==> flow/design.v <==
module subtractor_rtl #(
    parameter integer W = 6
) (
    input  wire clk,
    input  wire resetn,
    input  wire signed [W-1:0] A,
    input  wire signed [W-1:0] B,
    input  wire minus,
    output reg [W-1:0] d,
    output reg co
);
    wire [W-1:0] aux;
    assign aux = B ^ {W{minus}};
    wire [W-1:0] r;
    assign r = $unsigned(A) + aux + minus;
    always @(posedge clk or negedge resetn) begin
        if (!resetn) begin
            d <= 0;
            co <= 1'b0;
        end else begin
            d <= r[W-1:0];
            co <= (A[W-1] == aux[W-1]) && (r[W-1] != A[W-1]);
        end
    end
endmodule
Ticket comment

### Step by step through the tools: subtractor_rtl

Module subtractor_rtl in several versions that differ in "W"; each step lists the members.
The file above is the member W 6. Line numbers count from 1 in each member's own file.
Not given: n/a

| inputs | value |
|---|---|
| top module | subtractor_rtl |
| clock port | clk |
| cell library | sky130hd |
| library corner | tt_025C_1v80 |

### Source of the members

Lines of each other member's file that are new or changed against the file above; lines that a member lacks are not shown.

Lines new or changed:

| W | RTL line | text |
|---|---|---|
| 10 | 2 | `parameter integer W = 10` |
| 18 | 2 | `parameter integer W = 18` |
| 48 | 2 | `parameter integer W = 48` |
| 128 | 2 | `parameter integer W = 128` |

### After elaboration

Yosys after proc, flatten, opt, wreduce and memory -nomap, before mapping. Enables and synchronous resets that opt folds into registers are not counted as muxes. Memory bits, and registers merged into a memory's read port (data or address), are not among the register bits. Print and check cells are not counted. Equal cells are merged and count once.

Word-level totals:

| W | bits in latches | output and inout port bits | memory bits (read-only) | RAM bits | memories kept | input port bits | bits in registers | clocked read ports x word width |
|---|---|---|---|---|---|---|---|---|
| 6 | 0 | 7 | 0 | 0 | 0 | 15 | 7 | 0 |
| 10 | 0 | 11 | 0 | 0 | 0 | 23 | 11 | 0 |
| 18 | 0 | 19 | 0 | 0 | 0 | 39 | 19 | 0 |
| 48 | 0 | 49 | 0 | 0 | 0 | 99 | 49 | 0 |
| 128 | 0 | 129 | 0 | 0 | 0 | 259 | 129 | 0 |

Operators by class:

| W | multipliers | reductions and logical operators | div/mod/pow operators | mux-type cells | order comparisons | shift operators | eq/ne operators | add/subtract/negate cells | bitwise gates (word level) |
|---|---|---|---|---|---|---|---|---|---|
| 6 | 0 | 1 | 0 | 0 | 0 | 0 | 2 | 2 | 1 |
| 10 | 0 | 1 | 0 | 0 | 0 | 0 | 2 | 2 | 1 |
| 18 | 0 | 1 | 0 | 0 | 0 | 0 | 2 | 2 | 1 |
| 48 | 0 | 1 | 0 | 0 | 0 | 0 | 2 | 2 | 1 |
| 128 | 0 | 1 | 0 | 0 | 0 | 0 | 2 | 2 | 1 |

Operators with widths:

| W | kinds with counts |
|---|---|
| 6 | 1 x 6-bit by 1-bit adder with 6-bit output; 1 x 6-bit adder; 1 x 6-bit XOR; 1 x 1-bit equality test; 1 x 1-bit inequality test; 1 x 1-bit logical AND |
| 10 | 1 x 10-bit by 1-bit adder with 10-bit output; 1 x 10-bit adder; 1 x 10-bit XOR; 1 x 1-bit equality test; 1 x 1-bit inequality test; 1 x 1-bit logical AND |
| 18 | 1 x 18-bit by 1-bit adder with 18-bit output; 1 x 18-bit adder; 1 x 18-bit XOR; 1 x 1-bit equality test; 1 x 1-bit inequality test; 1 x 1-bit logical AND |
| 48 | 1 x 48-bit by 1-bit adder with 48-bit output; 1 x 48-bit adder; 1 x 48-bit XOR; 1 x 1-bit equality test; 1 x 1-bit inequality test; 1 x 1-bit logical AND |
| 128 | 1 x 128-bit by 1-bit adder with 128-bit output; 1 x 128-bit adder; 1 x 128-bit XOR; 1 x 1-bit equality test; 1 x 1-bit inequality test; 1 x 1-bit logical AND |

### Longest topological paths

Depth = most cells in a row (Yosys ltp): at word level without a register or memory, in the mapped netlist without a sequential cell, where the memories' decode and read muxes count.

Depth:

| W | depth in word-level cells | ABC_AREA | mapped depth | depth with buffers taken out |
|---|---|---|---|---|
| 6 | 5 | 0 | 8 | 7 |
| 10 | 5 | 0 | 9 | 8 |
| 18 | 5 | 0 | 11 | 9 |
| 48 | 5 | 0 | 14 | 12 |
| 128 | 5 | 0 | 17 | 14 |

### Synthesis result

Source: synth_stat.txt of the flow (Yosys; design flattened, memories mapped). It holds for the ABC_AREA given above (unset counts as 0); a run with the other value may have another netlist.
Totals and module areas in this step are rounded.

Cell types:

| W | types with counts |
|---|---|
| 6 | 7 x sky130_fd_sc_hd__dfrtp_1; 7 x sky130_fd_sc_hd__xor2_1; 4 x sky130_fd_sc_hd__ha_1; 3 x sky130_fd_sc_hd__xnor2_1; 1 x sky130_fd_sc_hd__a31oi_4; 1 x sky130_fd_sc_hd__fa_1; 5 x sky130_fd_sc_hd__inv_1; 3 x sky130_fd_sc_hd__a21oi_1; 1 x sky130_fd_sc_hd__and3_4; 1 x sky130_fd_sc_hd__buf_6; 1 x sky130_fd_sc_hd__mux2_2; 1 x sky130_fd_sc_hd__mux2i_1; 1 x sky130_fd_sc_hd__a21o_1; 2 x sky130_fd_sc_hd__nand2_1; 1 x sky130_fd_sc_hd__and2_1; 1 x sky130_fd_sc_hd__nand2b_1; 1 x sky130_fd_sc_hd__or2_0; 1 x sky130_fd_sc_hd__o21ai_1 |
| 10 | 11 x sky130_fd_sc_hd__dfrtp_1; 8 x sky130_fd_sc_hd__ha_1; 10 x sky130_fd_sc_hd__xor2_1; 8 x sky130_fd_sc_hd__xnor2_1; 7 x sky130_fd_sc_hd__nor2_1; 5 x sky130_fd_sc_hd__a21oi_1; 1 x sky130_fd_sc_hd__fa_1; 4 x sky130_fd_sc_hd__o21ai_0; 5 x sky130_fd_sc_hd__inv_1; 3 x sky130_fd_sc_hd__nor2b_1; 1 x sky130_fd_sc_hd__o32ai_2; 1 x sky130_fd_sc_hd__o41ai_2; 4 x sky130_fd_sc_hd__nand2_1; 1 x sky130_fd_sc_hd__mux2i_2; 2 x sky130_fd_sc_hd__o22ai_1; 1 x sky130_fd_sc_hd__buf_6; 1 x sky130_fd_sc_hd__a211oi_1; 1 x sky130_fd_sc_hd__a21o_1; (+5) |
| 18 | 19 x sky130_fd_sc_hd__dfrtp_1; 16 x sky130_fd_sc_hd__ha_1; 19 x sky130_fd_sc_hd__xor2_1; 12 x sky130_fd_sc_hd__xnor2_1; 15 x sky130_fd_sc_hd__a21oi_1; 13 x sky130_fd_sc_hd__nand2_1; 9 x sky130_fd_sc_hd__nor2_1; 3 x sky130_fd_sc_hd__a21oi_2; 5 x sky130_fd_sc_hd__nor3_1; 3 x sky130_fd_sc_hd__a211oi_1; 6 x sky130_fd_sc_hd__inv_1; 1 x sky130_fd_sc_hd__o311a_4; 1 x sky130_fd_sc_hd__fa_1; 2 x sky130_fd_sc_hd__mux2i_1; 4 x sky130_fd_sc_hd__o21ai_0; 3 x sky130_fd_sc_hd__nand2b_1; 2 x sky130_fd_sc_hd__a21o_1; 2 x sky130_fd_sc_hd__o21bai_1; (+26) |
| 48 | 49 x sky130_fd_sc_hd__dfrtp_1; 66 x sky130_fd_sc_hd__xor2_1; 46 x sky130_fd_sc_hd__ha_1; 54 x sky130_fd_sc_hd__a21oi_1; 26 x sky130_fd_sc_hd__xnor2_1; 28 x sky130_fd_sc_hd__a21o_1; 22 x sky130_fd_sc_hd__o21ai_0; 25 x sky130_fd_sc_hd__nand2_1; 23 x sky130_fd_sc_hd__nor2_1; 12 x sky130_fd_sc_hd__nand4_1; 14 x sky130_fd_sc_hd__nand3_1; 8 x sky130_fd_sc_hd__o21bai_1; 14 x sky130_fd_sc_hd__inv_1; 13 x sky130_fd_sc_hd__clkbuf_1; 9 x sky130_fd_sc_hd__nor3_1; 7 x sky130_fd_sc_hd__and2_1; 5 x sky130_fd_sc_hd__o31ai_1; 5 x sky130_fd_sc_hd__nand2b_1; (+54) |
| 128 | 129 x sky130_fd_sc_hd__dfrtp_1; 126 x sky130_fd_sc_hd__ha_1; 166 x sky130_fd_sc_hd__xor2_1; 212 x sky130_fd_sc_hd__a21oi_1; 79 x sky130_fd_sc_hd__xnor2_1; 161 x sky130_fd_sc_hd__nand2_1; 110 x sky130_fd_sc_hd__o21ai_0; 101 x sky130_fd_sc_hd__nor2_1; 58 x sky130_fd_sc_hd__nand4_1; 45 x sky130_fd_sc_hd__o21bai_1; 33 x sky130_fd_sc_hd__a21o_1; 57 x sky130_fd_sc_hd__inv_1; 55 x sky130_fd_sc_hd__clkbuf_1; 39 x sky130_fd_sc_hd__nor3_1; 17 x sky130_fd_sc_hd__o31ai_1; 20 x sky130_fd_sc_hd__a31oi_1; 22 x sky130_fd_sc_hd__nand3_1; 16 x sky130_fd_sc_hd__nand2b_1; (+194) |

A list marked (+n) leaves out that many cells.

Mapped netlist:

| W | buffers | sequential area (um^2) | flip-flops | mapped cells | mapped area (um^2) |
|---|---|---|---|---|---|
| 6 | 1 | 180 | 7 | 42 | 470 |
| 10 | 1 | 280 | 11 | 79 | 790 |
| 18 | 3 | 480 | 19 | 161 | 1,500 |
| 48 | 18 | 1,200 | 49 | 480 | 4,300 |
| 128 | 74 | 3,200 | 129 | 1,640 | 13,000 |

### Path before layout

Source: OpenSTA report_checks on the synthesized netlist (no wires, ideal clock, input and output delay 20% of the period each), path of least setup slack; recovery checks are left aside. Register names are those of the netlist, which keeps one name where synthesis merged equal registers.

Path after synthesis:

| W | path type | start point | end point | stages on the path | path delay (ns) | path slack (ns) | period (ns) | period reached after synthesis (ns) |
|---|---|---|---|---|---|---|---|---|
| 6 | in2reg | input port minus | register co | 7 | 1.314 | 0.325 | 2.05 | 1.725 |
| 10 | in2reg | input port minus | register d[7] | 8 | 1.526 | 0.379 | 2.38 | 2.001 |
| 18 | in2reg | input port minus | register d[10] | 9 | 2.056 | 0.513 | 3.21 | 2.697 |
| 48 | in2reg | input port minus | register d[44] | 13 | 3.163 | 0.789 | 4.94 | 4.151 |
| 128 | in2reg | input port minus | register d[126] | 17 | 4.137 | 1.030 | 6.46 | 5.43 |

"path delay" is the arrival time less input delay plus setup time.
"stages on the path" counts driving pins, that of a launching flip-flop among them; a cell with two outputs on the path counts twice.
"period reached after synthesis" = period - worst setup slack (recovery checks aside). The figure is calculated, with input and output delays left at 20% of the set period.
Between the ends stands the longest chain of elaborated cells between them, by number of cells; it is not shown to be the way that was timed. Of several equally long chains one is given.
Each line given opens the expression or statement behind the cell; cells for indexed reads and writes are added by Yosys, which also makes memories of some case tables.

| between the ends, after synthesis, W 6 | value |
|---|---|
| cells in the longest elaborated chain | 5 |

Ends and longest elaborated chain, after synthesis, W 6:

| item | RTL line | text |
|---|---|---|
| from (decl) | 8 | `input  wire minus,` |
| 6-bit XOR | 13 | `assign aux = B ^ {W{minus}};` |
| 6-bit adder | 15 | `assign r = $unsigned(A) + aux + minus;` |
| 6-bit by 1-bit adder with 6-bit output | 15 |  |
| 1-bit inequality test | 22 | `co <= (A[W-1] == aux[W-1]) && (r[W-1] != A[W-1]);` |
| 1-bit logical AND | 22 |  |
| to (assign) | 19 | `co <= 1'b0;` |
| to (assign) | 22 |  |
| to (decl) | 10 | `output reg co` |

| between the ends, after synthesis, W 128 | value |
|---|---|
| cells in the longest elaborated chain | 3 |

Ends and longest elaborated chain, after synthesis, W 128:

| item | RTL line | text |
|---|---|---|
| from (decl) | 8 | `input  wire minus,` |
| 128-bit XOR | 13 | `assign aux = B ^ {W{minus}};` |
| 128-bit adder | 15 | `assign r = $unsigned(A) + aux + minus;` |
| 128-bit by 1-bit adder with 128-bit output | 15 |  |
| to (assign) | 18 | `d <= 0;` |
| to (assign) | 21 | `d <= r[W-1:0];` |
| to (decl) | 9 | `output reg [W-1:0] d,` |

### Worst path after layout

Path of least setup slack in the final report of each member's run (OpenROAD, finished layout, wires in). Where an end is a register, its clock arrival counts in the times.

Path after layout:

| W | path type | start point | end point | path slack (ns) | period (ns) | arrival (ns) | stages on the path | path buffers |
|---|---|---|---|---|---|---|---|---|
| 6 | in2reg | input port B[0] | register d[4] | 0.19 | 2.05 | 2.03 | 8 | 1 |
| 10 | in2reg | input port B[1] | register d[8] | 0.13 | 2.38 | 2.40 | 9 | 1 |
| 18 | in2reg | input port minus | register d[12] | 0.31 | 3.21 | 3.06 | 10 | 1 |
| 48 | in2reg | input port minus | register d[46] | 0.85 | 4.94 | 4.29 | 13 | 1 |
| 128 | in2reg | input port B[1] | register d[82] | 0.87 | 6.46 | 5.95 | 15 | 1 |

### Layout results

One run of the flow (Yosys, OpenROAD) for each member, with settings and measured results. Input and output delays are each 20% of the period that was set; the output load is 0.01 pF.

| flow settings | value |
|---|---|
| CAP_MARGIN | 20 |
| CORE_MARGIN | 2 |
| CORE_UTILIZATION | 40 |
| SLEW_MARGIN | 20 |

Settings that differ:

| W | period_ns |
|---|---|
| 6 | 2.05 |
| 10 | 2.38 |
| 18 | 3.21 |
| 48 | 4.94 |
| 128 | 6.46 |

Results:

| W | worst setup slack after layout (ns) | post-synthesis cell area (um^2) | overall die area (um^2) | final design utilization | period achieved (ns) | standard-cell area after layout (um^2) |
|---|---|---|---|---|---|---|
| 6 | 0.19 | 470 | 1,500 | 0.71 | 1.858 | 780 |
| 10 | 0.13 | 790 | 2,400 | 0.67 | 2.253 | 1,300 |
| 18 | 0.31 | 1,500 | 4,300 | 0.62 | 2.899 | 2,300 |
| 48 | 0.85 | 4,300 | 12,000 | 0.58 | 4.087 | 6,000 |
| 128 | 0.87 | 13,000 | 34,000 | 0.56 | 5.593 | 18,000 |

"period achieved" is the run's clock period less its worst setup slack. It is reckoned from that one timing run; input and output delays stay at 20% of the period that was set.
The measured numbers are rounded.
